==> flow/design.v <==
module dp_barrel #(
    parameter integer WD = 8,
    parameter integer SEL_WIDTH = $clog2(WD)
) (
    input wire clk,
    input wire [WD-1:0] src_in,
    input wire [SEL_WIDTH-1:0] by_in,
    output reg [WD-1:0] y_out
);
    wire [WD-1:0] lvl [0:SEL_WIDTH];
    assign lvl[0] = src_in;
    genvar k;
    generate
        for (k = 0; k < SEL_WIDTH; k = k + 1) begin : each
            assign lvl[k+1] = by_in[k] ? (lvl[k] >> (1 << k)) | (lvl[k] << (WD - (1 << k))) : lvl[k];
        end
    endgenerate
    always @(posedge clk) begin
        y_out <= lvl[SEL_WIDTH];
    end
endmodule
From RTL to reports: dp_barrel
The steps from the RTL of dp_barrel to its reports follow in flow order.
Lines are those of the file above, counted from 1.
Operators carry their Yosys type and port widths (W data, S select, Z words).
Library cell names are shortened.
{ "setup": {"top_module": "dp_barrel", "clk_port": "clk", "cell_library": "sky130hd", "lib_corner": "tt_025C_1v80"} }

After elaboration
Counts by Yosys on the flattened word-level netlist (proc, flatten, opt, wreduce; memories kept). Register bits leave out memories and registers merged into their read ports (data or address); mux counts leave out enables and synchronous resets folded into registers. Print and check cells are left out. Cells with the same type and inputs are merged into one.
{ "op_classes": {"n_cmp": 0, "n_reduce_logical": 0, "n_logic": 3, "shift": 0, "n_addsub": 0, "div": 0, "mul": 0, "muxes": 3, "n_eq": 0} }
{ "op_table": {"columns": ["op", "count"], "rows": [
  ["$mux W8", 3],
  ["$or A4 B8 Y8", 1],
  ["$or A6 B8 Y8", 1],
  ["$or A7 B8 Y8", 1]
]} }
{ "bits": {"ram_bits": 0, "input_bits": 12, "latchBits": 0, "clocked_rd_ports_x_width": 0, "rom_bits": 0, "register_bits": 8, "n_memories": 0} }

Depth
Yosys ltp: most cells in a row. Word level: on the elaborated netlist, between registers, memories and ports. Mapped: between sequential cells and ports; inverters and the memories' decode and read muxes count.
{ "logic_depth": {"word_depth": 6, "abc_area": 0, "depth_mapped": 3, "ltp_nobuf": 2} }

Synthesis result
Source: synth_stat.txt of the flow (Yosys; design flattened, memories mapped). It holds for the ABC_AREA given above (unset counts as 0); a run with the other value may have another netlist.
Totals and module areas in this step are rounded.
{ "synth_totals": {"mapped_cells": 27, "seqArea_um2": 160.2, "ffs": 8, "buffers": 3, "yosys_area_um2": 486.7} }
{ "by_type": {"columns": ["cell_type", "count"], "rows": [
  ["mux4_1", 8],
  ["dfxtp_1", 8],
  ["mux2_2", 8],
  ["buf_6", 2],
  ["buf_1", 1]
]} }

Path before layout
Source: OpenSTA report_checks on the synthesized netlist (no wires, ideal clock, input and output delay 20% of the period each), path of least setup slack; recovery checks are left aside. Register names are those of the netlist, which keeps one name where synthesis merged equal registers.
{ "synth_path": {"path_type": "input -> register", "start": "input port by_in[0]", "end": "register y_out[0]", "t_arrival_ps": 1247, "input_delay_ps": 326, "setup_ps": 121, "path_stages": 3, "delay_ps": 1042, "n_path_buf": 1, "slack_ps": 262, "clock_period_ps": 1630, "synth_period_reached_ps": 1368} }
"delay_ps" = arrival - input delay + setup time.
"path_stages": output pins that drive a net of the path, with the launching flip-flop's if there is one; two outputs of one cell count as two.
"synth_period_reached_ps" is the clock period less the worst setup slack; recovery checks do not enter. This is arithmetic on one report: input and output delays are still those of the set period (20% each).
The rows between start and end are the longest chain of elaborated cells between them; the timing report does not say that the signal goes this way. Where chains are equally long, one stands for them.
Each line given opens the expression or statement behind the cell; cells for indexed reads and writes are added by Yosys, which also makes memories of some case tables.
{ "synth_between": {"cell_sequence": "buf_6 -> mux4_1 -> mux2_2", "elab_chain_len": 5, "cells_between": 5, "lines_between": 1, "classes_between": "3 x mux; 2 x logic"} }
{ "synth_rtl": {"columns": ["element", "line", "rtl"], "rows": [
  ["start, declared", 7, "input wire [SEL_WIDTH-1:0] by_in,"],
  ["$mux W8", 15, "assign lvl[k+1] = by_in[k] ? (lvl[k] >> (1 << k)) | (lvl[k] << (WD - (1 << k))) : lvl[k];"],
  ["$or A6 B8 Y8", 15, null],
  ["$mux W8", 15, null],
  ["$or A4 B8 Y8", 15, null],
  ["$mux W8", 15, null],
  ["end, assigned", 19, "y_out <= lvl[SEL_WIDTH];"],
  ["end, declared", 8, "output reg [WD-1:0] y_out"]
]} }

Path in the finished layout
From the final timing report of entry A: the path of least setup slack in the routed layout; clock arrival at registers is part of the times.
The report prints the path's times to 10 ps; the period is as set.
{ "layout_path": {"path_type": "input -> register", "start": "input port by_in[0]", "end": "register y_out[1]", "clock_period_ps": 2400, "slack_ps": 370, "setup_ps": 110, "path_stages": 3, "input_delay_ps": 480, "n_path_buf": 1, "t_arrival_ps": 2130} }
The rows between start and end are the longest chain of elaborated cells between them; the timing report does not say that the signal goes this way. Where chains are equally long, one stands for them.
{ "layout_between": {"cell_sequence": "clkdlybuf4s50_1 -> mux4_1 -> mux2_2", "elab_chain_len": 5, "cells_between": 5, "lines_between": 1, "classes_between": "3 x mux; 2 x logic"} }
{ "layout_rtl": {"columns": ["element", "line", "rtl"], "rows": [
  ["start, declared", 7, "input wire [SEL_WIDTH-1:0] by_in,"],
  ["$mux W8", 15, "assign lvl[k+1] = by_in[k] ? (lvl[k] >> (1 << k)) | (lvl[k] << (WD - (1 << k))) : lvl[k];"],
  ["$or A6 B8 Y8", 15, null],
  ["$mux W8", 15, null],
  ["$or A4 B8 Y8", 15, null],
  ["$mux W8", 15, null],
  ["end, assigned", 19, "y_out <= lvl[SEL_WIDTH];"],
  ["end, declared", 8, "output reg [WD-1:0] y_out"]
]} }

Below are 3 stored runs of the flow (Yosys, OpenROAD; platform sky130hd) on dp_barrel, each with its settings and what was measured, unordered. Constraints: input delay and output delay 20% of the set period each, output load 0.01 pF.
"period reached" = clock period - worst setup slack. The figure is calculated, with input and output delays left at 20% of the set period.
"worst path time" is the time allowed to the run's worst setup path (the clock period less input and output delay, where it has them) less its slack. Clock arrival times count: a late capture clock shortens it, a late launch clock lengthens it.
"worst path time" is known to 10 ps.
Results are given in rounded form.

==> entry A: settings <==
{ "period_ns": 2.4, "CORE_UTILIZATION": 24, "SETUP_SLACK_MARGIN": 0.09, "PLACE_DENSITY": 0.49, "HOLD_SLACK_MARGIN": -0.0, "CORE_ASPECT_RATIO": 0.53, "CELL_PAD_IN_SITES_GLOBAL_PLACEMENT": 0, "CELL_PAD_IN_SITES_DETAIL_PLACEMENT": 0, "TNS_END_PERCENT": 50, "CTS_CLUSTER_SIZE": 59, "CTS_CLUSTER_DIAMETER": 256, "SLEW_MARGIN": 15, "MIN_ROUTING_LAYER": "met1", "MAX_ROUTING_LAYER": "met5", "CAP_MARGIN": 20, "CORE_MARGIN": 2 }
==> entry A: results <==
post-synthesis cell area: 486.7 um^2
total negative setup slack: 0 ps
die footprint: 2422 um^2
worst hold slack in the final report: 1146 ps
smallest setup slack: 373 ps
period reached: 2027 ps
worst path time: 1550 ps
class of the worst setup path: input -> register
standard-cell area of the final layout: 732.0 um^2

==> entry B: settings <==
{ "period_ns": 1.63, "CAP_MARGIN": 20, "CORE_MARGIN": 2, "CORE_UTILIZATION": 40, "SLEW_MARGIN": 20 }
==> entry B: results <==
post-synthesis cell area: 486.7 um^2
total negative setup slack: 0 ps
die footprint: 1512 um^2
worst hold slack in the final report: 691 ps
smallest setup slack: 58 ps
period reached: 1572 ps
worst path time: 1250 ps
class of the worst setup path: input -> register
standard-cell area of the final layout: 693.2 um^2

==> entry C: settings <==
{ "period_ns": 1.89, "CORE_UTILIZATION": 71, "SETUP_SLACK_MARGIN": 0.53, "PLACE_DENSITY_LB_ADDON": 0.14, "CORE_ASPECT_RATIO": 0.67, "CORE_MARGIN": 8, "CELL_PAD_IN_SITES_GLOBAL_PLACEMENT": 0, "CELL_PAD_IN_SITES_DETAIL_PLACEMENT": 2, "TNS_END_PERCENT": 25, "ABC_AREA": 1, "GPL_TIMING_DRIVEN": 0, "GPL_ROUTABILITY_DRIVEN": 0, "CTS_CLUSTER_SIZE": 77, "CTS_CLUSTER_DIAMETER": 251, "CAP_MARGIN": 20, "SLEW_MARGIN": 20 }
==> entry C: results <==
did not finish, floorplanning stopped with PDN-0185
